==> flow/design.v <==
module sync_add_unit #(
  parameter DATA_WIDTH = 56
) (
  input logic clk_i,
  input logic rst,
  input logic valid,
  input logic [DATA_WIDTH-1:0] arg0,
  input logic [DATA_WIDTH-1:0] arg1,
  input logic cy_in,
  output logic [DATA_WIDTH-1:0] result,
  output logic carry_out
);
  logic [DATA_WIDTH-1:0] arg0_s;
  logic [DATA_WIDTH-1:0] arg1_s;
  logic cy_in_s;
  logic [DATA_WIDTH-1:0] val;
  logic [DATA_WIDTH:0] carry;
  assign carry[0] = cy_in_s;
  generate
    for (genvar i = 0; i < DATA_WIDTH; i++) begin : g_bit
      assign val[i] = arg0_s[i] ^ arg1_s[i] ^ carry[i];
      assign carry[i+1] = (arg0_s[i] & arg1_s[i]) | (carry[i] & (arg0_s[i] ^ arg1_s[i]));
    end
  endgenerate
  always_ff @(posedge clk_i or posedge rst) begin
    if (rst) begin
      arg0_s <= 0;
      arg1_s <= 0;
      cy_in_s <= 1'b0;
      result <= 0;
      carry_out <= 1'b0;
    end else if (valid) begin
      arg0_s <= arg0;
      arg1_s <= arg1;
      cy_in_s <= cy_in;
      result <= val;
      carry_out <= carry[DATA_WIDTH];
    end
  end
endmodule
# ---- Step by step through the tools: sync_add_unit
# The steps from the RTL of sync_add_unit to its reports follow in flow order.
# Line numbers count from 1 in the design file above.
# Operators: Yosys type, input widths -> output width; for muxes data width and select width s.
# Cell names lack the library's common part.
# The mark - stands for no value.
dict set report design {
  design {sync_add_unit}
  clock {clk_i}
  library {sky130hd}
  lib_corner {tt_025C_1v80}
}

# ---- Word level
# Source: Yosys, flattened and elaborated, memories not mapped. Widths are those after wreduce; folded enables and synchronous resets count as part of the registers. Registers that Yosys merges into a memory's read port (data or address) are not register bits. Print and check cells do not count. Equal cells are merged and count once.
dict set report bits {
  register_bits 170
  inputBits 116
  output_inout_bits 57
  wordCells 285
}
dict set report classes {
  logic 280
}
# op n
set op_table {}
lappend op_table {{$and 1x1->1} 112}
lappend op_table {{$xor 1x1->1} 112}
lappend op_table {{$or 1x1->1} 56}

# ---- Logic depth
# Depth = most cells in a row (Yosys ltp): at word level without a register or memory, in the mapped netlist without a sequential cell, where the memories' decode and read muxes count.
dict set report logic_depth {
  depth_word 113
  abc_area 0
  mapped_depth 60
  mapped_depth_nobuf 60
}

# ---- Synthesis result
# The flow's flattened synthesis, as Yosys stat reports it; memories are mapped. The netlist is that of the ABC_AREA named above (0 if unset); the other value can give another one.
dict set report mapped {
  yosys_area_um2 7499.7
  buffers 19
  cells 430
  ffs 170
  seqArea_um2 4254.1
}
# cell_type n type_area_um2
set types {}
lappend types {dfrtp_1 170 4254.08}
lappend types {mux2_2 163 1835.51}
lappend types {fa_1 56 1.12E+03}
lappend types {buf_6 14 157.651}
lappend types {inv_1 10 37.536}
lappend types {mux2i_1 2 20.019}
lappend types {o21ai_0 4 20.019}
lappend types {buf_2 3 15.014}
lappend types {buf_4 2 15.014}
lappend types {nand2_1 4 15.014}
lappend types {a21oi_1 1 5.005}
lappend types {nor2_1 1 3.754}

# ---- Worst setup path after synthesis
# Path of least setup slack by OpenSTA after synthesis, without wires, with an ideal clock, recovery checks aside; 20% of the period is set as input and as output delay. Where synthesis merged equal registers, the netlist keeps one of their names.
dict set report synth_path {
  kind {reg-to-reg}
  start {register arg0_s[0]}
  end {register result[55]}
  stages 61
  delay_ns 21.780
  required_ns 27.121
  setup_time_ns 0.079
  setup_slack_ns 5.420
  arrival_ns 21.701
  n_path_buf 0
  tclk_ns 27.2
  t_first_pin_ns 0.000
  period_less_setup_slack_ns 21.78
}
# "delay_ns" = arrival - input delay + setup time.
# "stages": output pins that drive a net of the path, with the launching flip-flop's if there is one; two outputs of one cell count as two.
# "period_less_setup_slack_ns" = period - worst setup slack (recovery checks aside). The figure is calculated, with input and output delays left at 20% of the set period.
# Between the ends stands the longest chain of elaborated cells between them, by number of cells; it is not shown to be the way that was timed. Of several equally long chains one is given.
# A line is the first line of the expression or statement that the cell stems from. Yosys adds cells for indexed reads and writes and turns some case tables into memories.
dict set report synth_between {
  cell_sequence {dfrtp_1 > fa_1 > fa_1 > fa_1 > fa_1 > fa_1 > fa_1 > fa_1 > fa_1 > fa_1 > fa_1 > fa_1 > fa_1 > fa_1 > fa_1 > fa_1 > fa_1 > fa_1 > [... 25 more ...] > fa_1 > fa_1 > fa_1 > fa_1 > fa_1 > fa_1 > fa_1 > fa_1 > fa_1 > fa_1 > fa_1 > inv_1 > fa_1 > inv_1 > fa_1 > inv_1 > fa_1 > mux2i_1}
  elab_chain_len 112
  cone_cells 113
  cone_classes {logic (113)}
}
# element line_no
set synth_lines {}
lappend synth_lines {{start: declaration} 13} ;# logic [DATA_WIDTH-1:0] arg0_s;
lappend synth_lines {{start: assignment} 27} ;# arg0_s <= 0;
lappend synth_lines {{start: assignment} 33} ;# arg0_s <= arg0;
lappend synth_lines {{$xor 1x1->1} 22} ;# assign carry[i+1] = (arg0_s[i] & arg1_s[i]) | (carry[i] & (arg0_s[i] ^ arg1_s[i]));
lappend synth_lines {{$and 1x1->1} 22}
lappend synth_lines {{$or 1x1->1} 22}
lappend synth_lines {{$and 1x1->1} 22}
lappend synth_lines {{$or 1x1->1} 22}
lappend synth_lines {{$and 1x1->1} 22}
lappend synth_lines {{$or 1x1->1} 22}
lappend synth_lines {{[... 98 more ...]} -}
lappend synth_lines {{$and 1x1->1} 22}
lappend synth_lines {{$or 1x1->1} 22}
lappend synth_lines {{$and 1x1->1} 22}
lappend synth_lines {{$or 1x1->1} 22}
lappend synth_lines {{$and 1x1->1} 22}
lappend synth_lines {{$or 1x1->1} 22}
lappend synth_lines {{$xor 1x1->1} 21} ;# assign val[i] = arg0_s[i] ^ arg1_s[i] ^ carry[i];
lappend synth_lines {{end: assignment} 30} ;# result <= 0;
lappend synth_lines {{end: assignment} 36} ;# result <= val;
lappend synth_lines {{end: declaration} 10} ;# output logic [DATA_WIDTH-1:0] result,

# ---- Timing after layout
# From the final timing report of flow run 1: the path of least setup slack in the routed layout; clock arrival at registers is part of the times.
dict set report layout_path {
  kind {reg-to-reg}
  start {register arg0_s[0]}
  end {register result[55]}
  stages 61
  setup_time_ns 0.08
  t_first_pin_ns 0.42
  n_path_buf 0
  tclk_ns 27.2
  setup_slack_ns 4.39
  arrival_ns 23.15
  required_ns 27.54
}
# Between the ends stands the longest chain of elaborated cells between them, by number of cells; it is not shown to be the way that was timed. Of several equally long chains one is given.
dict set report layout_between {
  cell_sequence {dfrtp_1 > fa_1 > fa_1 > fa_1 > fa_1 > fa_1 > fa_1 > fa_1 > fa_1 > fa_1 > fa_1 > fa_1 > fa_1 > fa_1 > fa_1 > fa_1 > fa_1 > fa_1 > [... 25 more ...] > fa_1 > fa_1 > fa_1 > fa_1 > fa_1 > fa_1 > fa_1 > fa_1 > fa_1 > fa_1 > fa_1 > inv_1 > fa_1 > inv_1 > fa_1 > inv_1 > fa_1 > mux2i_1}
  elab_chain_len 112
  cone_cells 113
  cone_classes {logic (113)}
}
# element line_no
set layout_lines {}
lappend layout_lines {{start: declaration} 13} ;# logic [DATA_WIDTH-1:0] arg0_s;
lappend layout_lines {{start: assignment} 27} ;# arg0_s <= 0;
lappend layout_lines {{start: assignment} 33} ;# arg0_s <= arg0;
lappend layout_lines {{$xor 1x1->1} 22} ;# assign carry[i+1] = (arg0_s[i] & arg1_s[i]) | (carry[i] & (arg0_s[i] ^ arg1_s[i]));
lappend layout_lines {{$and 1x1->1} 22}
lappend layout_lines {{$or 1x1->1} 22}
lappend layout_lines {{$and 1x1->1} 22}
lappend layout_lines {{$or 1x1->1} 22}
lappend layout_lines {{$and 1x1->1} 22}
lappend layout_lines {{$or 1x1->1} 22}
lappend layout_lines {{[... 98 more ...]} -}
lappend layout_lines {{$and 1x1->1} 22}
lappend layout_lines {{$or 1x1->1} 22}
lappend layout_lines {{$and 1x1->1} 22}
lappend layout_lines {{$or 1x1->1} 22}
lappend layout_lines {{$and 1x1->1} 22}
lappend layout_lines {{$or 1x1->1} 22}
lappend layout_lines {{$xor 1x1->1} 21} ;# assign val[i] = arg0_s[i] ^ arg1_s[i] ^ carry[i];
lappend layout_lines {{end: assignment} 30} ;# result <= 0;
lappend layout_lines {{end: assignment} 36} ;# result <= val;
lappend layout_lines {{end: declaration} 10} ;# output logic [DATA_WIDTH-1:0] result,

; Record of 3 stored runs of the RTL-to-layout flow on sync_add_unit, platform sky130hd. The runs are unordered. Constraints: input delay and output delay 20% of the set period each, output load 0.01 pF.
; "achieved_clock_period_ns" = clock period - worst setup slack. The figure is calculated, with input and output delays left at 20% of the set period.
; "timing.worst_path_ns" is the time allowed to the run's worst setup path (the clock period less input and output delay, where it has them) less its slack. Clock arrival times count: a late capture clock shortens it, a late launch clock lengthens it.
; By "power_total_uw" is meant OpenSTA's value without simulated activity: inputs other than the clock are taken to toggle once in ten clock periods, and the tool carries that through the logic.

[flow run 1: settings]
period_ns = 27.2
CAP_MARGIN = 20
CORE_MARGIN = 2
CORE_UTILIZATION = 40
SLEW_MARGIN = 20
[flow run 1: results]
finish.utilization_pct = 53.7
yosys.chip_area_um2 = 7499.7
power_total_uw = 789.2
ws_hold_ns = 0.508
setupTns_ns = 0.000
total_die_area_um2 = 19859.9
achieved_clock_period_ns = 22.810
finalCellArea_um2 = 9977.1
timing.worst_path_ns = 22.81
critical_path_type = reg-to-reg
worst_setup_slack_ns = 4.390

[flow run 2: settings]
period_ns = 19.9
CORE_UTILIZATION = 51
SETUP_SLACK_MARGIN = -1.99
PLACE_DENSITY_LB_ADDON = 0.07
CORE_ASPECT_RATIO = 1.66
CORE_MARGIN = 9
CELL_PAD_IN_SITES_GLOBAL_PLACEMENT = 1
ABC_AREA = 1
GPL_ROUTABILITY_DRIVEN = 0
CTS_CLUSTER_SIZE = 20
CTS_CLUSTER_DIAMETER = 45
MIN_ROUTING_LAYER = met1
CAP_MARGIN = 20
SLEW_MARGIN = 20
[flow run 2: results]
finish.utilization_pct = 68.6
yosys.chip_area_um2 = 7597.3
power_total_uw = 984.2
ws_hold_ns = 0.468
setupTns_ns = -4.616
total_die_area_um2 = 19755.9
achieved_clock_period_ns = 21.291
finalCellArea_um2 = 10027.1
timing.worst_path_ns = 21.29
critical_path_type = reg-to-reg
worst_setup_slack_ns = -1.391

[flow run 3: settings]
period_ns = 27.9
CORE_UTILIZATION = 54
PLACE_DENSITY_LB_ADDON = 0.21
CELL_PAD_IN_SITES_GLOBAL_PLACEMENT = 2
GPL_ROUTABILITY_DRIVEN = 1
CTS_CLUSTER_SIZE = 73
CAP_MARGIN = 15
MAX_ROUTING_LAYER = met5
CORE_MARGIN = 2
SLEW_MARGIN = 20
[flow run 3: results]
finish.utilization_pct = 72.3
yosys.chip_area_um2 = 7499.7
power_total_uw = 787.1
ws_hold_ns = 0.501
setupTns_ns = 0.000
total_die_area_um2 = 14847.4
achieved_clock_period_ns = 22.809
finalCellArea_um2 = 9917.0
timing.worst_path_ns = 22.81
critical_path_type = reg-to-reg
worst_setup_slack_ns = 5.091
